==> flow/design.v <==
module alu_summer_blk (ck, RST, i_a, i_b, i_cin, o_result, o_carry_out);
   parameter DW = 48;
   parameter BLK = 24;
   input ck;
   input RST;
   input [DW-1:0] i_a;
   input [DW-1:0] i_b;
   input i_cin;
   output [DW-1:0] o_result;
   output o_carry_out;
   localparam SLICES = DW / BLK;
   wire [DW-1:0] t;
   wire [SLICES:0] cy;
   assign cy[0] = i_cin;
   genvar ii;
   generate
      for (ii = 0; ii < SLICES; ii = ii + 1) begin : stage
         wire [BLK:0] s0 = i_a[ii*BLK +: BLK] + i_b[ii*BLK +: BLK];
         wire [BLK:0] s1 = i_a[ii*BLK +: BLK] + i_b[ii*BLK +: BLK] + 1'b1;
         assign {cy[ii+1], t[ii*BLK +: BLK]} = cy[ii] ? s1 : s0;
      end
   endgenerate
   reg [DW-1:0] result_r;
   always @(posedge ck) begin
      if (RST) begin
         result_r <= 0;
      end else begin
         result_r <= t;
      end
   end
   assign o_result = result_r;
   reg carry_out_r;
   always @(posedge ck) begin
      if (RST) begin
         carry_out_r <= 1'b0;
      end else begin
         carry_out_r <= cy[SLICES];
      end
   end
   assign o_carry_out = carry_out_r;
endmodule
# == Step by step through the tools: alu_summer_blk ==
# The steps from the RTL of alu_summer_blk to its reports follow in flow order.
# Lines are those of the file above, counted from 1.
# Library cell names are shortened.
# The mark -- stands for no value.
# inputs
top,alu_summer_blk
clock_port,ck
lib,sky130hd
lib_corner,tt_025C_1v80

# == Word-level counts ==
# Source: Yosys, flattened and elaborated, memories not mapped. Widths are those after wreduce; folded enables and synchronous resets count as part of the registers. Registers that Yosys merges into a memory's read port (data or address) are not register bits. Print and check cells do not count. Equal cells are merged and count once.
# op_classes
add_sub_neg,4
muxes,2
# ops
cell,count
24-bit by 24-bit adder with 25-bit output,2
25-bit by 1-bit adder with 25-bit output with constant B,2
25-bit two-way mux,2
# word_totals
reg_bits,49
in_bits,99
wordCells,8

# == Longest topological paths ==
# Yosys ltp: most cells in a row. Word level: on the elaborated netlist, between registers, memories and ports. Mapped: between sequential cells and ports; inverters and the memories' decode and read muxes count.
# depth
depth_word,4
abc_area,1
mapped_depth,22
mapped_depth_nobuf,22

# == Netlist ==
# Yosys stat after the flow's synthesis: flattened, memories mapped to cells. It holds for the ABC_AREA given above (unset counts as 0); a run with the other value may have another netlist.
# types
type,count,type_area_um2
nand2_1,446,1.67E+03
dfxtp_1,49,980.941
inv_1,188,705.677
ha_1,50,625.6
nor2_1,127,476.707
nand3_1,89,445.427
a21oi_1,77,385.37
nand4_1,39,243.984
xor2_1,16,140.134
o21ai_0,22,110.106
xnor2_1,8,70.067
nand2_2,10,62.56
nand3b_1,8,60.058
nor3_1,10,50.048
buf_6,4,45.043
nor2_2,7,43.792
fa_1,2,40.038
o21bai_1,5,37.536
# Other cell types: 16; their cells: 30.
# synth_totals
mapped_cells,1187
mapped_area_um2,6443.7
seq_area_um2,980.9
ffs,49
buf_cells,12

# == Path before layout ==
# OpenSTA on the mapped netlist: ideal clock, no wires. The path of least setup slack (recovery checks aside). Input and output delay are each 20% of the period. Register names are those of the netlist, which keeps one name where synthesis merged equal registers.
# synth_path
path_type,input to register
start,in i_a[0]
end,reg result_r[30]
period_ns,6.12
setup_time_ns,0.132
t_first_pin_ns,1.224
arrival_time_ns,3.516
required_ns,5.988
path_slack_ns,2.472
delay_ns,2.424
stages,19
synth_period_reached_ns,3.648
# "delay_ns" = arrival - input delay + setup time.
# "stages" counts driving pins, that of a launching flip-flop among them; a cell with two outputs on the path counts twice.
# "synth_period_reached_ns" is the clock period less the worst setup slack; recovery checks do not enter. This is arithmetic on one report: input and output delays are still those of the set period (20% each).
# Between the ends stands the longest chain of elaborated cells between them, by number of cells; it is not shown to be the way that was timed. Of several equally long chains one is given.
# A line is the first line of the expression or statement that the cell stems from. Yosys adds cells for indexed reads and writes and turns some case tables into memories.
# synth_between
path_cell_list,ha_1 > inv_1 > fa_1 > inv_1 > ha_1 > nand2_1 > nor2_1 > nand3_2 > nor2_1 > nand2_1 > nor2_2 > nand2_1 > nor2_2 > nand3_2 > nand2_4 > nand2_4 > buf_6 > nand2_1 > a21oi_1
elab_chain_len,4
cells_between,4
# synth_rtl
element,line,rtl
"start, declared",6,input [DW-1:0] i_a;
24-bit by 24-bit adder with 25-bit output,19,wire [BLK:0] s1 = i_a[ii*BLK +: BLK] + i_b[ii*BLK +: BLK] + 1'b1;
25-bit by 1-bit adder with 25-bit output,19,
25-bit two-way mux (2 in a row),20,"assign {cy[ii+1], t[ii*BLK +: BLK]} = cy[ii] ? s1 : s0;"
"end, assigned",26,result_r <= 0;
"end, assigned",28,result_r <= t;
"end, declared",23,reg [DW-1:0] result_r;

# == Timing after layout ==
# From the final timing report of entry A: the path of least setup slack in the routed layout; clock arrival at registers is part of the times.
# layout_path
path_type,input to register
start,in i_a[0]
end,reg result_r[24]
period_ns,6.68
setup_time_ns,0.13
t_first_pin_ns,1.34
arrival_time_ns,4.60
required_ns,6.85
path_slack_ns,2.24
stages,22
# Between the ends stands the longest chain of elaborated cells between them, by number of cells; it is not shown to be the way that was timed. Of several equally long chains one is given.
# layout_between
path_cell_list,clkdlybuf4s50_1 > ha_1 > inv_1 > fa_1 > inv_1 > nand3_1 > nand2_2 > nand2_1 > nand2_1 > nand2_1 > nand2_1 > nand2_2 > nor2_4 > nand2_2 > nor2_2 > nand2_1 > nor2_4 > nand3_4 > nand2_4 > nand2_1 > nand2_1 > nor2_1
elab_chain_len,4
cells_between,4
# layout_rtl
element,line,rtl
"start, declared",6,input [DW-1:0] i_a;
24-bit by 24-bit adder with 25-bit output,19,wire [BLK:0] s1 = i_a[ii*BLK +: BLK] + i_b[ii*BLK +: BLK] + 1'b1;
25-bit by 1-bit adder with 25-bit output,19,
25-bit two-way mux (2 in a row),20,"assign {cy[ii+1], t[ii*BLK +: BLK]} = cy[ii] ? s1 : s0;"
"end, assigned",26,result_r <= 0;
"end, assigned",28,result_r <= t;
"end, declared",23,reg [DW-1:0] result_r;

# Top module alu_summer_blk; platform sky130hd; tools Yosys and OpenROAD; 3 stored runs in no particular order. Input and output delays are each 20% of the period that was set; the output load is 0.01 pF.
# "achieved_period_ns": clock period set for the run, less the worst setup slack. It is reckoned from that one timing run; input and output delays stay at 20% of the period that was set.
# By "worst_path_time_ns" is meant the share of the clock period that the worst setup path is allowed (20% is reserved at inputs, 20% at outputs), minus its slack. Clock arrival times at its registers enter into it.
# "totalPower_mw": no workload was simulated; the value follows from the tool's default switching activity.
# A setting shown as . is not set for that run.
run,period_ns,CORE_UTILIZATION,PLACE_DENSITY_LB_ADDON,ABC_AREA,GPL_ROUTABILITY_DRIVEN,MIN_ROUTING_LAYER,CAP_MARGIN,CORE_MARGIN,SLEW_MARGIN,SETUP_SLACK_MARGIN,PLACE_DENSITY,HOLD_SLACK_MARGIN,CELL_PAD_IN_SITES_GLOBAL_PLACEMENT,MAX_ROUTING_LAYER,synthArea_um2,final_die_area_um2,final_stdcell_area_um2,finish.utilization_pct,ws_setup_ns,total_negative_slack_ns,holdWs_ns,totalPower_mw,achieved_period_ns,worst_path_time_ns,worst_setup_path_type
entry A,6.68,53,0.2,1,0,met1,20,2,20,.,.,.,.,.,6443.7,13055.3,8159.1,68.2,2.243,0.000,1.528,1.320,4.437,3.10,input to register
entry B,6.12,40,.,.,.,.,20,2,20,.,.,.,.,.,5122.4,13727.6,6879.1,54.7,0.497,0.000,1.564,1.372,5.623,4.40,input to register
entry C,5.18,56,.,.,0,.,20,4,20,1.08,0.52,0.09,0,met4,5122.4,10741.2,8197.9,93.1,0.309,0.000,1.141,1.820,4.871,3.84,input to register
